==> flow/design.v <==
module ex_aligner (clk_i, clr, src, sh, dout);
    parameter DWIDTH = 48;
    localparam SBITS = $clog2(DWIDTH);
    input clk_i;
    input clr;
    input [DWIDTH-1:0] src;
    input [SBITS-1:0] sh;
    output [DWIDTH-1:0] dout;
    reg [DWIDTH-1:0] r_src;
    reg [SBITS-1:0] r_sh;
    always @(posedge clk_i or posedge clr) begin
        if (clr) begin
            r_src <= 0;
            r_sh <= 0;
        end else begin
            r_src <= src;
            r_sh <= sh;
        end
    end
    assign dout = r_src << r_sh;
endmodule
# Tool chain data of ex_aligner
# Tool output for the design above, in the order of the flow.
# Lines are those of the file above, counted from 1.
# Operators: Yosys type, input widths -> output width; for muxes data width and select width s.
# Cell names lack the library's common part.
# Not given: -
[inputs]
top_module = "ex_aligner"
clock_port = "clk_i"
library = "sky130hd"
lib_corner = "tt_025C_1v80"

# Word-level counts
# Counts by Yosys on the flattened word-level netlist (proc, flatten, opt, wreduce; memories kept). Register bits leave out memories and registers merged into their read ports (data or address); mux counts leave out enables and synchronous resets folded into registers. Print and check cells are left out. Cells with the same type and inputs are merged into one.
[bits]
output_inout_bits = 48
ff_bits = 54
input_bits = 56
wordCells = 3
[classes]
n_shift = 1
[op_table]
columns = ["op", "count"]
rows = [
  ["$shl 48x6->48", 1],
]

# Depth
# Yosys ltp: most cells in a row. Word level: on the elaborated netlist, between registers, memories and ports. Mapped: between sequential cells and ports; inverters and the memories' decode and read muxes count.
[depth]
ltp_word = 1
ABC_AREA = 0
ltp_mapped = 8
depth_no_buf = 5

# Synthesis result
# Yosys stat after the flow's synthesis: flattened, memories mapped to cells. It holds for the ABC_AREA given above (unset counts as 0); a run with the other value may have another netlist.
# Totals and module areas in this step are rounded.
[synth_totals]
ffs = 54
buffers = 35
area_um2 = 4400
cells = 408
seqArea_um2 = 1400
[types]
columns = ["type", "count", "area_total_um2"]
rows = [
  ["dfrtp_1", 54, 1.35E+03],
  ["mux4_2", 33, 743.213],
  ["mux2i_1", 45, 450.432],
  ["mux2_2", 22, 247.738],
  ["nor2_1", 46, 172.666],
  ["nand2_1", 33, 123.869],
  ["mux4_1", 4, 105.101],
  ["o22ai_1", 16, 100.096],
  ["a21oi_1", 17, 85.082],
  ["buf_2", 13, 65.062],
  ["clkbuf_1", 14, 52.55],
  ["a211oi_1", 6, 45.043],
  ["a22oi_1", 6, 45.043],
  ["buf_6", 4, 45.043],
  ["a31oi_1", 7, 43.792],
  ["o221ai_1", 5, 43.792],
  ["and2_1", 6, 37.536],
  ["o21ai_1", 7, 35.034],
]
# Other cell types: 38; their cells: 70.

# Worst setup path after synthesis
# OpenSTA on the mapped netlist: ideal clock, no wires. The path of least setup slack (recovery checks aside). Input and output delay are each 20% of the period. Register names are those of the netlist, which keeps one name where synthesis merged equal registers.
[synth_path]
path_type = "register to output"
from = "register r_sh[0]"
to = "output port dout[41]"
delay_ns = 1.850
t_arrival_ns = 1.850
setup_slack_ns = 0.462
path_stages = 8
output_delay_ns = 0.578
tclk_ns = 2.89
path_buffers = 2
launch_ns = 0.000
required_ns = 2.312
period_less_setup_slack_ns = 2.428
# "delay_ns" = arrival - input delay + setup time.
# A path that ends at an output port has no setup time.
# "path_stages" counts driving pins, that of a launching flip-flop among them; a cell with two outputs on the path counts twice.
# "period_less_setup_slack_ns" = period - worst setup slack (recovery checks aside). The figure is calculated, with input and output delays left at 20% of the set period.
# The rows between start and end are the longest chain of elaborated cells between them; the timing report does not say that the signal goes this way. Where chains are equally long, one stands for them.
# A line is the first line of the expression or statement that the cell stems from. Yosys adds cells for indexed reads and writes and turns some case tables into memories.
[synth_between]
cell_sequence = "dfrtp_1 > buf_6 > buf_12 > mux4_2 > mux2_4 > a22o_1 > nand2_1 > o2111ai_1"
elab_chain_len = 1
cone_cells = 1
cone_lines = 1
classes_between = "1 x shift"
[synth_lines]
columns = ["item", "line_no", "text"]
rows = [
  ["start, declared", 10, "reg [SBITS-1:0] r_sh;"],
  ["start, assigned", 14, "r_sh <= 0;"],
  ["start, assigned", 17, "r_sh <= sh;"],
  ["$shl 48x6->48", 20, "assign dout = r_src << r_sh;"],
  ["end, declared", 8, "output [DWIDTH-1:0] dout;"],
]

# Path in the finished layout
# Path of least setup slack in the final report of flow run A (OpenROAD, finished layout, wires in). Where an end is a register, its clock arrival counts in the times.
[layout_path]
path_type = "register to output"
from = "register r_sh[0]"
to = "output port dout[30]"
required_ns = 2.34
path_stages = 10
launch_ns = 0.30
tclk_ns = 2.93
path_buffers = 4
output_delay_ns = 0.59
setup_slack_ns = -0.22
t_arrival_ns = 2.57
# The rows between start and end are the longest chain of elaborated cells between them; the timing report does not say that the signal goes this way. Where chains are equally long, one stands for them.
[layout_between]
cell_sequence = "dfrtp_4 > buf_12 > buf_12 > buf_12 > mux2i_1 > mux2_4 > mux2_4 > mux2_4 > o22ai_2 > buf_2"
elab_chain_len = 1
cone_cells = 1
cone_lines = 1
classes_between = "1 x shift"
[layout_lines]
columns = ["item", "line_no", "text"]
rows = [
  ["start, declared", 10, "reg [SBITS-1:0] r_sh;"],
  ["start, assigned", 14, "r_sh <= 0;"],
  ["start, assigned", 17, "r_sh <= sh;"],
  ["$shl 48x6->48", 20, "assign dout = r_src << r_sh;"],
  ["end, declared", 8, "output [DWIDTH-1:0] dout;"],
]

# Flow measurements of ex_aligner on sky130hd: 3 stored runs with different settings, listed in no order. Input and output delays are each 20% of the period that was set; the output load is 0.01 pF.
# "clock_period_reached_ns" = clock period - worst setup slack. The figure is calculated, with input and output delays left at 20% of the set period.
# By "worst_path_time_ns" is meant the share of the clock period that the worst setup path is allowed (20% is reserved at inputs, 20% at outputs), minus its slack. Clock arrival times at its registers enter into it.
# "design_power_mw": no workload was simulated; the value follows from the tool's default switching activity.
# Values from the reports are rounded here.

[[run]]
name = "flow run A"
[run.settings]
period_ns = 2.93
CORE_UTILIZATION = 37
PLACE_DENSITY = 0.83
HOLD_SLACK_MARGIN = -0.09
CORE_ASPECT_RATIO = 0.64
CORE_MARGIN = 9
GPL_TIMING_DRIVEN = 1
GPL_ROUTABILITY_DRIVEN = 0
CAP_MARGIN = 30
SLEW_MARGIN = 0
[run.results]
worst_path_time_ns = 2.57
path_kind = "register to output"
post_route_util_pct = 60
clock_period_reached_ns = 3.155
final_setup_ws_ns = -0.22
yosys.chip_area_um2 = 4400
design_power_mw = 2.6
design.die.area_um2 = 16000
final_stdcell_area_um2 = 6800
tns_setup_ns = -4.2

[[run]]
name = "flow run B"
[run.settings]
period_ns = 1.97
CORE_UTILIZATION = 15
SETUP_SLACK_MARGIN = 0.21
PLACE_DENSITY = 0.45
CTS_CLUSTER_SIZE = 100
CTS_CLUSTER_DIAMETER = 232
SLEW_MARGIN = 10
CAP_MARGIN = 20
CORE_MARGIN = 2
[run.results]
yosys.chip_area_um2 = 4400
design_power_mw = 4.1
tns_setup_ns = -35
final_stdcell_area_um2 = 7900
post_route_util_pct = 28
clock_period_reached_ns = 2.885
design.die.area_um2 = 30000
worst_path_time_ns = 2.49
path_kind = "register to output"
final_setup_ws_ns = -0.92

[[run]]
name = "flow run C"
[run.settings]
period_ns = 2.89
CAP_MARGIN = 20
CORE_MARGIN = 2
CORE_UTILIZATION = 40
SLEW_MARGIN = 20
[run.results]
design.die.area_um2 = 12000
post_route_util_pct = 67
final_setup_ws_ns = -0.26
yosys.chip_area_um2 = 4400
tns_setup_ns = -4.8
final_stdcell_area_um2 = 7100
worst_path_time_ns = 2.57
path_kind = "register to output"
design_power_mw = 2.5
clock_period_reached_ns = 3.147
